==> flow/design.v <==
module u_add_unit_stage #(
   parameter int DATA_W = 14
) (
   input logic clk_i,
   input logic [DATA_W-1:0] rs1,
   input logic [DATA_W-1:0] rs2,
   input logic [DATA_W-1:0] rs3,
   output logic [DATA_W+1:0] o
);
   logic [DATA_W-1:0] rs1_d1;
   always_ff @(posedge clk_i) begin
      rs1_d1 <= rs1;
   end
   logic [DATA_W-1:0] rs2_d1;
   always_ff @(posedge clk_i) begin
      rs2_d1 <= rs2;
   end
   logic [DATA_W-1:0] rs3_d1;
   always_ff @(posedge clk_i) begin
      rs3_d1 <= rs3;
   end
   logic [DATA_W-1:0] work_d1;
   always_ff @(posedge clk_i) begin
      work_d1 <= rs1_d1 ^ rs2_d1 ^ rs3_d1;
   end
   logic [DATA_W-1:0] cy_d1;
   always_ff @(posedge clk_i) begin
      cy_d1 <= (rs1_d1 & rs2_d1) | (rs1_d1 & rs3_d1) | (rs2_d1 & rs3_d1);
   end
   always_ff @(posedge clk_i) begin
      o <= work_d1 + {cy_d1, 1'b0};
   end
endmodule
==> From RTL to reports: u_add_unit_stage <==
What the tools print for u_add_unit_stage, step after step.
Lines are those of the file above, counted from 1.
Operators: Yosys type, input widths -> output width; for muxes data width and select width s.
Library cell names are shortened.
{ "setup": {"top_module": "u_add_unit_stage", "clock_port": "clk_i", "library": "sky130hd", "corner": "tt_025C_1v80"} }

==> Word-level counts <==
Yosys after proc, flatten, opt, wreduce and memory -nomap, before mapping. Enables and synchronous resets that opt folds into registers are not counted as muxes. Memory bits, and registers merged into a memory's read port (data or address), are not among the register bits. Print and check cells are not counted. Equal cells are merged and count once.
{ "classes": {"addsub": 1, "n_mul": 0, "div": 0, "compare": 0, "n_eq": 0, "shift": 0, "muxes": 0, "n_logic": 7, "reduce_logical": 0} }
{ "ops": {"columns": ["op", "count"], "rows": [
  ["$and 14x14->14", 3],
  ["$or 14x14->14", 2],
  ["$xor 14x14->14", 2],
  ["$add 14x15->16", 1]
]} }
{ "word_totals": {"ff_bits": 86, "latchBits": 0, "ram_bits": 0, "mem_bits_ro": 0, "clocked_rd_ports_x_width": 0, "n_memories": 0, "inputBits": 43, "out_inout_bits": 16} }

==> Depth <==
Yosys ltp: most cells in a row. Word level: on the elaborated netlist, between registers, memories and ports. Mapped: between sequential cells and ports; inverters and the memories' decode and read muxes count.
{ "logic_depth": {"depth_word": 3, "abc_area": 0, "ltp_mapped": 7} }

==> After synthesis <==
Source: synth_stat.txt of the flow (Yosys; design flattened, memories mapped). It holds for the ABC_AREA given above (unset counts as 0); a run with the other value may have another netlist.
The area totals of this step are shown rounded.
{ "synth_totals": {"cells": 185, "synth_area_um2": 2660, "ffs": 86} }
{ "types": {"columns": ["cell_type", "count", "type_area_um2"], "rows": [
  ["dfxtp_1", 86, 1.72E+03],
  ["fa_1", 15, 300.288],
  ["ha_1", 13, 162.656],
  ["a21o_1", 7, 52.55],
  ["xnor2_1", 5, 43.792],
  ["a21oi_1", 8, 40.038],
  ["xor2_1", 3, 26.275],
  ["nor2_1", 6, 22.522],
  ["nand3_1", 4, 20.019],
  ["and3_1", 3, 18.768],
  ["nand2_1", 5, 18.768],
  ["a41oi_1", 2, 17.517],
  ["a221oi_2", 1, 15.014],
  ["o21bai_1", 2, 15.014],
  ["and2_1", 2, 12.512],
  ["nand4_2", 1, 12.512],
  ["inv_1", 3, 11.261],
  ["mux2_2", 1, 11.261]
]} }
Not listed: further types 17, cells in them 18.

==> Timing after synthesis <==
OpenSTA on the mapped netlist: ideal clock, no wires. The path of least setup slack (recovery checks aside). Input and output delay are each 20% of the period. Register names are those of the netlist, which keeps one name where synthesis merged equal registers.
{ "synth_path": {"path_type": "register -> register", "start": "register work_d1[1]", "end": "register o[15]", "period_ps": 2430, "launch_ps": 0, "arrival_time_ps": 1819, "required_time_ps": 2307, "setup_slack_ps": 487, "path_delay_ps": 1942, "driving_pins": 8, "path_buffers": 0, "synth_period_reached_ps": 1943} }
"path_delay_ps" is the arrival time less input delay plus setup time.
"driving_pins": output pins that drive a net of the path, with the launching flip-flop's if there is one; two outputs of one cell count as two.
"synth_period_reached_ps" is the clock period less the worst setup slack; recovery checks do not enter. This is arithmetic on one report: input and output delays are still those of the set period (20% each).
Between the ends stands the longest chain of elaborated cells between them, by number of cells; it is not shown to be the way that was timed. Of several equally long chains one is given.
Each line given opens the expression or statement behind the cell; cells for indexed reads and writes are added by Yosys, which also makes memories of some case tables.
{ "synth_via": {"cell_sequence": "dfxtp_1 ha_1 fa_1 a21o_1 a221oi_2 o21bai_1 a221oi_1 nor2b_1", "elab_chain_len": 1, "cone_cells": 1, "lines_between": 1, "cone_classes": "add/sub (1)"} }
{ "synth_lines": {"columns": ["item", "line", "text"], "rows": [
  ["start: declaration", 22, "logic [DATA_W-1:0] work_d1;"],
  ["start: assignment", 24, "work_d1 <= rs1_d1 ^ rs2_d1 ^ rs3_d1;"],
  ["$add 14x15->16", 31, "o <= work_d1 + {cy_d1, 1'b0};"],
  ["end: assignment", 31, null],
  ["end: declaration", 8, "output logic [DATA_W+1:0] o"]
]} }

==> Timing after layout <==
Path of least setup slack in the final report of job 1 (OpenROAD, finished layout, wires in). Where an end is a register, its clock arrival counts in the times.
The path's times are printed in steps of 10 ps; the period is the one set.
{ "layout_path": {"path_type": "register -> register", "start": "register work_d1[1]", "end": "register o[15]", "period_ps": 2430, "launch_ps": 340, "arrival_time_ps": 2360, "required_time_ps": 2660, "setup_slack_ps": 300, "driving_pins": 8, "path_buffers": 0} }
Between the ends stands the longest chain of elaborated cells between them, by number of cells; it is not shown to be the way that was timed. Of several equally long chains one is given.
{ "layout_via": {"cell_sequence": "dfxtp_1 ha_1 fa_1 a21o_1 a221oi_2 o21bai_1 a221oi_1 nor2b_1", "elab_chain_len": 1, "cone_cells": 1, "lines_between": 1, "cone_classes": "add/sub (1)"} }
{ "layout_lines": {"columns": ["item", "line", "text"], "rows": [
  ["start: declaration", 22, "logic [DATA_W-1:0] work_d1;"],
  ["start: assignment", 24, "work_d1 <= rs1_d1 ^ rs2_d1 ^ rs3_d1;"],
  ["$add 14x15->16", 31, "o <= work_d1 + {cy_d1, 1'b0};"],
  ["end: assignment", 31, null],
  ["end: declaration", 8, "output logic [DATA_W+1:0] o"]
]} }

u_add_unit_stage through Yosys and OpenROAD on sky130hd: 3 stored runs, unordered, with their settings and measured results. The constraints put input and output delay at 20% of the set period each and load the outputs with 0.01 pF.
"clock period reached" is the run's clock period less its worst setup slack. It is reckoned from that one timing run; input and output delays stay at 20% of the period that was set.
"worst path time" means the part of the period allowed to the worst setup path (the constraints hold back 20% at inputs and 20% at outputs) less its slack; where the path has registers, the arrival times of their clocks count too.
"worst path time" is given in steps of 10 ps.
Results are given in rounded form.

==> job 1: settings <==
{ "period_ns": 2.43, "CAP_MARGIN": 20, "CORE_MARGIN": 2, "CORE_UTILIZATION": 40, "SLEW_MARGIN": 20 }
==> job 1: results <==
clock period reached: 2130 ps
worst path time: 2130 ps
critical path type: register -> register
standard-cell area after layout: 3540 um^2
overall die area: 7310 um^2
smallest setup slack: 300 ps
post-synthesis cell area: 2660 um^2
worst-case hold slack: 336 ps

==> job 2: settings <==
{ "period_ns": 3.76, "CORE_UTILIZATION": 22, "SETUP_SLACK_MARGIN": 0.35, "PLACE_DENSITY_LB_ADDON": 0.16, "CORE_MARGIN": 9, "CELL_PAD_IN_SITES_DETAIL_PLACEMENT": 0, "ABC_AREA": 1, "GPL_TIMING_DRIVEN": 1, "SLEW_MARGIN": 15, "MIN_ROUTING_LAYER": "met1", "CAP_MARGIN": 20 }
==> job 2: results <==
clock period reached: 1983 ps
worst path time: 1230 ps
critical path type: register -> output
standard-cell area after layout: 3860 um^2
overall die area: 16900 um^2
smallest setup slack: 1780 ps
post-synthesis cell area: 2760 um^2
worst-case hold slack: 328 ps

==> job 3: settings <==
{ "period_ns": 3.59, "CORE_UTILIZATION": 44, "PLACE_DENSITY_LB_ADDON": 0.26, "HOLD_SLACK_MARGIN": 0.09, "CORE_ASPECT_RATIO": 0.54, "CORE_MARGIN": 7, "CELL_PAD_IN_SITES_GLOBAL_PLACEMENT": 2, "CELL_PAD_IN_SITES_DETAIL_PLACEMENT": 1, "ABC_AREA": 0, "GPL_TIMING_DRIVEN": 0, "GPL_ROUTABILITY_DRIVEN": 1, "CTS_CLUSTER_DIAMETER": 354, "CAP_MARGIN": 25, "SLEW_MARGIN": 35, "MAX_ROUTING_LAYER": "met5" }
==> job 3: results <==
clock period reached: 2213 ps
worst path time: 2210 ps
critical path type: register -> register
standard-cell area after layout: 3540 um^2
overall die area: 8510 um^2
smallest setup slack: 1380 ps
post-synthesis cell area: 2660 um^2
worst-case hold slack: 329 ps
